==> flow/design.v <==
module shifter_v2 #(
  parameter integer W = 12,
  parameter integer SBITS = $clog2(W)
) (
  input  logic clock,
  input  logic [W-1:0] d,
  input  logic [W-1:0] B,
  input  logic [SBITS-1:0] dist_in,
  output logic [W-1:0] result
);
  logic [W-1:0] d_r;
  logic [W-1:0] B_r;
  logic [SBITS-1:0] dist_in_r;
  logic [2*W-1:0] cur;
  assign cur = {B_r, d_r} >> dist_in_r;
  assign result = cur[W-1:0];
  always_ff @(posedge clock) begin
    d_r <= d;
    B_r <= B;
    dist_in_r <= dist_in;
  end
endmodule
# Tool chain data of shifter_v2
# What the tools print for shifter_v2, step after step.
# Lines are those of the file above, counted from 1.
# Operators carry their Yosys type and port widths (W data, S select, Z words).
# Library cell names are shortened.
setup:
  top_module: "shifter_v2"
  clock: "clock"
  library: "sky130hd"
  corner: "tt_025C_1v80"

# Elaborated design
# Counts by Yosys on the flattened word-level netlist (proc, flatten, opt, wreduce; memories kept). Register bits leave out memories and registers merged into their read ports (data or address); mux counts leave out enables and synchronous resets folded into registers. Print and check cells are left out. Cells with the same type and inputs are merged into one.
word_totals:
  reg_bits: 28
  latchBits: 0
  ram_bits: 0
  mem_bits_ro: 0
  clocked_rd_ports_x_width: 0
  memories: 0
  input_bits: 29
  output_inout_bits: 12
  wordCells: 4
classes:
  addsub: 0
  n_mul: 0
  n_div: 0
  n_cmp: 0
  n_eq: 0
  shift: 1
  muxes: 0
  logic: 0
  reduce_logical: 0
ops:
  columns: ["op", "count"]
  rows:
  - ["$shr A24 B4 Y12", 1]

# Logic depth
# Longest topological path by Yosys (ltp), each cell counted once; first at word level (registers and memories cut), then after technology mapping (sequential cells cut; the memories' decode and read muxes count).
depth:
  ltp_word: 1
  abc_area: 0
  ltp_mapped: 7
  ltp_nobuf: 4

# After synthesis
# Yosys stat after the flow's synthesis: flattened, memories mapped to cells. It holds for the ABC_AREA given above (unset counts as 0); a run with the other value may have another netlist.
mapped:
  mapped_cells: 133
  mapped_area_mm2: 0.0016754
  seq_area_mm2: 0.0005605
  flip_flops: 28
  buf_cells: 12
by_type:
  columns: ["type", "count", "type_area_um2"]
  rows:
  - ["dfxtp_1", 28, 560.538]
  - ["mux4_2", 24, 540.518]
  - ["mux2i_1", 9, 90.086]
  - ["mux4_1", 3, 78.826]
  - ["nand3_1", 12, 60.058]
  - ["a22oi_1", 6, 45.043]
  - ["mux2_2", 4, 45.043]
  - ["nor2b_1", 7, 43.792]
  - ["buf_2", 7, 35.034]
  - ["nand2_1", 8, 30.029]
  - ["nor2_1", 6, 22.522]
  - ["a21oi_1", 4, 20.019]
  - ["a221o_1", 2, 20.019]
  - ["a211oi_1", 2, 15.014]
  - ["buf_6", 1, 11.261]
  - ["clkbuf_1", 3, 11.261]
  - ["buf_4", 1, 7.507]
  - ["nand3b_1", 1, 7.507]
# Not listed: further types 5, cells in them 5.

# Timing after synthesis
# OpenSTA on the mapped netlist: ideal clock, no wires. The path of least setup slack (recovery checks aside). Input and output delay are each 20% of the period. Register names are those of the netlist, which keeps one name where synthesis merged equal registers.
synth_path:
  path_type: "register to output"
  from: "reg dist_in_r[0]"
  to: "out result[3]"
  period_ps: 2500
  out_delay_ps: 500
  t_first_pin_ps: 0
  t_arrival_ps: 1603
  required_ps: 2000
  setup_slack_ps: 397
  delay_ps: 1603
  driving_pins: 6
  n_path_buf: 2
  synth_period_reached_ps: 2103
# "delay_ps" = arrival - input delay + setup time.
# A path that ends at an output port has no setup time.
# "driving_pins": output pins that drive a net of the path, with the launching flip-flop's if there is one; two outputs of one cell count as two.
# "synth_period_reached_ps" = period - worst setup slack (recovery checks aside). The figure is calculated, with input and output delays left at 20% of the set period.
# Between the ends stands the longest chain of elaborated cells between them, by number of cells; it is not shown to be the way that was timed. Of several equally long chains one is given.
# Each line given opens the expression or statement behind the cell; cells for indexed reads and writes are added by Yosys, which also makes memories of some case tables.
synth_between:
  cell_sequence: "dfxtp_1 > buf_6 > buf_4 > mux4_2 > mux2_2 > a221o_1"
  elab_chain_cells: 1
  cells_between: 1
  cone_lines: 1
  cone_classes: "1 x shift"
synth_lines:
  columns: ["item", "line", "text"]
  rows:
  - ["from (decl)", 13, "logic [SBITS-1:0] dist_in_r;"]
  - ["from (assign)", 20, "dist_in_r <= dist_in;"]
  - ["$shr A24 B4 Y12", 15, "assign cur = {B_r, d_r} >> dist_in_r;"]
  - ["to (decl)", 9, "output logic [W-1:0] result"]

# Path in the finished layout
# From the final timing report of job 1: the path of least setup slack in the routed layout; clock arrival at registers is part of the times.
# The report prints the path's times to 10 ps; the period is as set.
layout_path:
  path_type: "register to output"
  from: "reg dist_in_r[0]"
  to: "out result[1]"
  period_ps: 3690
  out_delay_ps: 740
  t_first_pin_ps: 280
  t_arrival_ps: 2650
  required_ps: 2950
  setup_slack_ps: 300
  driving_pins: 5
  n_path_buf: 1
# Between the ends stands the longest chain of elaborated cells between them, by number of cells; it is not shown to be the way that was timed. Of several equally long chains one is given.
layout_between:
  cell_sequence: "dfxtp_2 > mux4_2 > mux2_2 > a221o_1 > clkdlybuf4s50_1"
  elab_chain_cells: 1
  cells_between: 1
  cone_lines: 1
  cone_classes: "1 x shift"
layout_lines:
  columns: ["item", "line", "text"]
  rows:
  - ["from (decl)", 13, "logic [SBITS-1:0] dist_in_r;"]
  - ["from (assign)", 20, "dist_in_r <= dist_in;"]
  - ["$shr A24 B4 Y12", 15, "assign cur = {B_r, d_r} >> dist_in_r;"]
  - ["to (decl)", 9, "output logic [W-1:0] result"]

==> results <==
Top module shifter_v2; platform sky130hd; tools Yosys and OpenROAD; 3 stored runs in no particular order. Input and output delays are each 20% of the period that was set; the output load is 0.01 pF.
By "achievedPeriod_ps" is meant the clock period of the run minus its worst setup slack. This is arithmetic on one report: input and output delays are still those of the set period (20% each).
"timing.worst_path_ps" means the part of the period allowed to the worst setup path (the constraints hold back 20% at inputs and 20% at outputs) less its slack; where the path has registers, the arrival times of their clocks count too.
"totalPower_mw" is the tool's figure for a default switching activity; nothing was simulated.
"timing.worst_path_ps" is known to 10 ps.

--- job 1 ---
==> flow/run.sh <==
#!/bin/bash
# the make line also repeats the synthesis and layout settings of config.mk as NAME=value (left out here)
make -C /OpenROAD-flow-scripts/flow DESIGN_CONFIG=/design/flow/config.mk WORK_HOME=/design/flow/orfs CLKGATE_MAP_FILE= finish
==> flow/config.mk <==
export PLATFORM = sky130hd
export DESIGN_NAME = shifter_v2
export DESIGN_NICKNAME = shifter_v2
export VERILOG_FILES = /design/flow/design.v
export SDC_FILE = /design/flow/constraint.sdc
export NUM_CORES = 4
export LEC_CHECK = 0
export CAP_MARGIN = 40
export CORE_MARGIN = 2
export CORE_UTILIZATION = 15
export CTS_CLUSTER_DIAMETER = 135
export CTS_CLUSTER_SIZE = 89
export GPL_ROUTABILITY_DRIVEN = 1
export PLACE_DENSITY_LB_ADDON = 0.01
export SLEW_MARGIN = 20
==> flow/constraint.sdc <==
create_clock -name core_clock -period 3.69 [get_ports {clock}]
set_input_delay 0.7380 -clock core_clock [delete_from_list [all_inputs] [get_ports {clock}]]
set_output_delay 0.7380 -clock core_clock [all_outputs]
set_load 0.01 [all_outputs]

==> results, as YAML <==
results:
  design_die_area_mm2: 0.0120308
  totalPower_mw: 0.8136
  final_setup_tns_ps: 0
  final_util_frac: 0.213
  achievedPeriod_ps: 3392
  yosys.chip_area_mm2: 0.0016754
  holdWs_ps: 870
  layout_stdcell_area_mm2: 0.0023235
  final_setup_ws_ps: 298
  timing.worst_path_ps: 2650
  worstPathKind: "register to output"

--- job 2 ---
==> flow/run.sh <==
#!/bin/bash
# the make line also repeats the synthesis and layout settings of config.mk as NAME=value (left out here)
make -C /OpenROAD-flow-scripts/flow DESIGN_CONFIG=/design/flow/config.mk WORK_HOME=/design/flow/orfs CLKGATE_MAP_FILE= finish
==> flow/config.mk <==
export PLATFORM = sky130hd
export DESIGN_NAME = shifter_v2
export DESIGN_NICKNAME = shifter_v2
export VERILOG_FILES = /design/flow/design.v
export SDC_FILE = /design/flow/constraint.sdc
export NUM_CORES = 4
export LEC_CHECK = 0
export ABC_AREA = 0
export CAP_MARGIN = 20
export CELL_PAD_IN_SITES_DETAIL_PLACEMENT = 1
export CORE_ASPECT_RATIO = 1.78
export CORE_MARGIN = 8
export CORE_UTILIZATION = 38
export CTS_CLUSTER_DIAMETER = 215
export GPL_TIMING_DRIVEN = 1
export PLACE_DENSITY_LB_ADDON = 0.23
export SETUP_SLACK_MARGIN = 0.55
export SLEW_MARGIN = 20
==> flow/constraint.sdc <==
create_clock -name core_clock -period 2.04 [get_ports {clock}]
set_input_delay 0.4080 -clock core_clock [delete_from_list [all_inputs] [get_ports {clock}]]
set_output_delay 0.4080 -clock core_clock [all_outputs]
set_load 0.01 [all_outputs]

==> results, as YAML <==
results:
  final_setup_ws_ps: -439
  totalPower_mw: 1.449
  final_util_frac: 0.611
  holdWs_ps: 562
  layout_stdcell_area_mm2: 0.0026163
  achievedPeriod_ps: 2479
  timing.worst_path_ps: 2070
  worstPathKind: "register to output"
  design_die_area_mm2: 0.0068786
  final_setup_tns_ps: -4133
  yosys.chip_area_mm2: 0.0016754

--- job 3 ---
==> flow/run.sh <==
#!/bin/bash
# the make line also repeats the synthesis and layout settings of config.mk as NAME=value (left out here)
make -C /OpenROAD-flow-scripts/flow DESIGN_CONFIG=/design/flow/config.mk WORK_HOME=/design/flow/orfs CLKGATE_MAP_FILE= finish
==> flow/config.mk <==
export PLATFORM = sky130hd
export DESIGN_NAME = shifter_v2
export DESIGN_NICKNAME = shifter_v2
export VERILOG_FILES = /design/flow/design.v
export SDC_FILE = /design/flow/constraint.sdc
export NUM_CORES = 4
export LEC_CHECK = 0
export CAP_MARGIN = 20
export CORE_MARGIN = 2
export CORE_UTILIZATION = 40
export SLEW_MARGIN = 20
==> flow/constraint.sdc <==
create_clock -name core_clock -period 2.5 [get_ports {clock}]
set_input_delay 0.5000 -clock core_clock [delete_from_list [all_inputs] [get_ports {clock}]]
set_output_delay 0.5000 -clock core_clock [all_outputs]
set_load 0.01 [all_outputs]

==> results, as YAML <==
results:
  layout_stdcell_area_mm2: 0.0023623
  design_die_area_mm2: 0.0047218
  final_setup_ws_ps: -16
  totalPower_mw: 1.192
  holdWs_ps: 640
  final_util_frac: 0.586
  timing.worst_path_ps: 2020
  worstPathKind: "register to output"
  achievedPeriod_ps: 2516
  yosys.chip_area_mm2: 0.0016754
  final_setup_tns_ps: -26
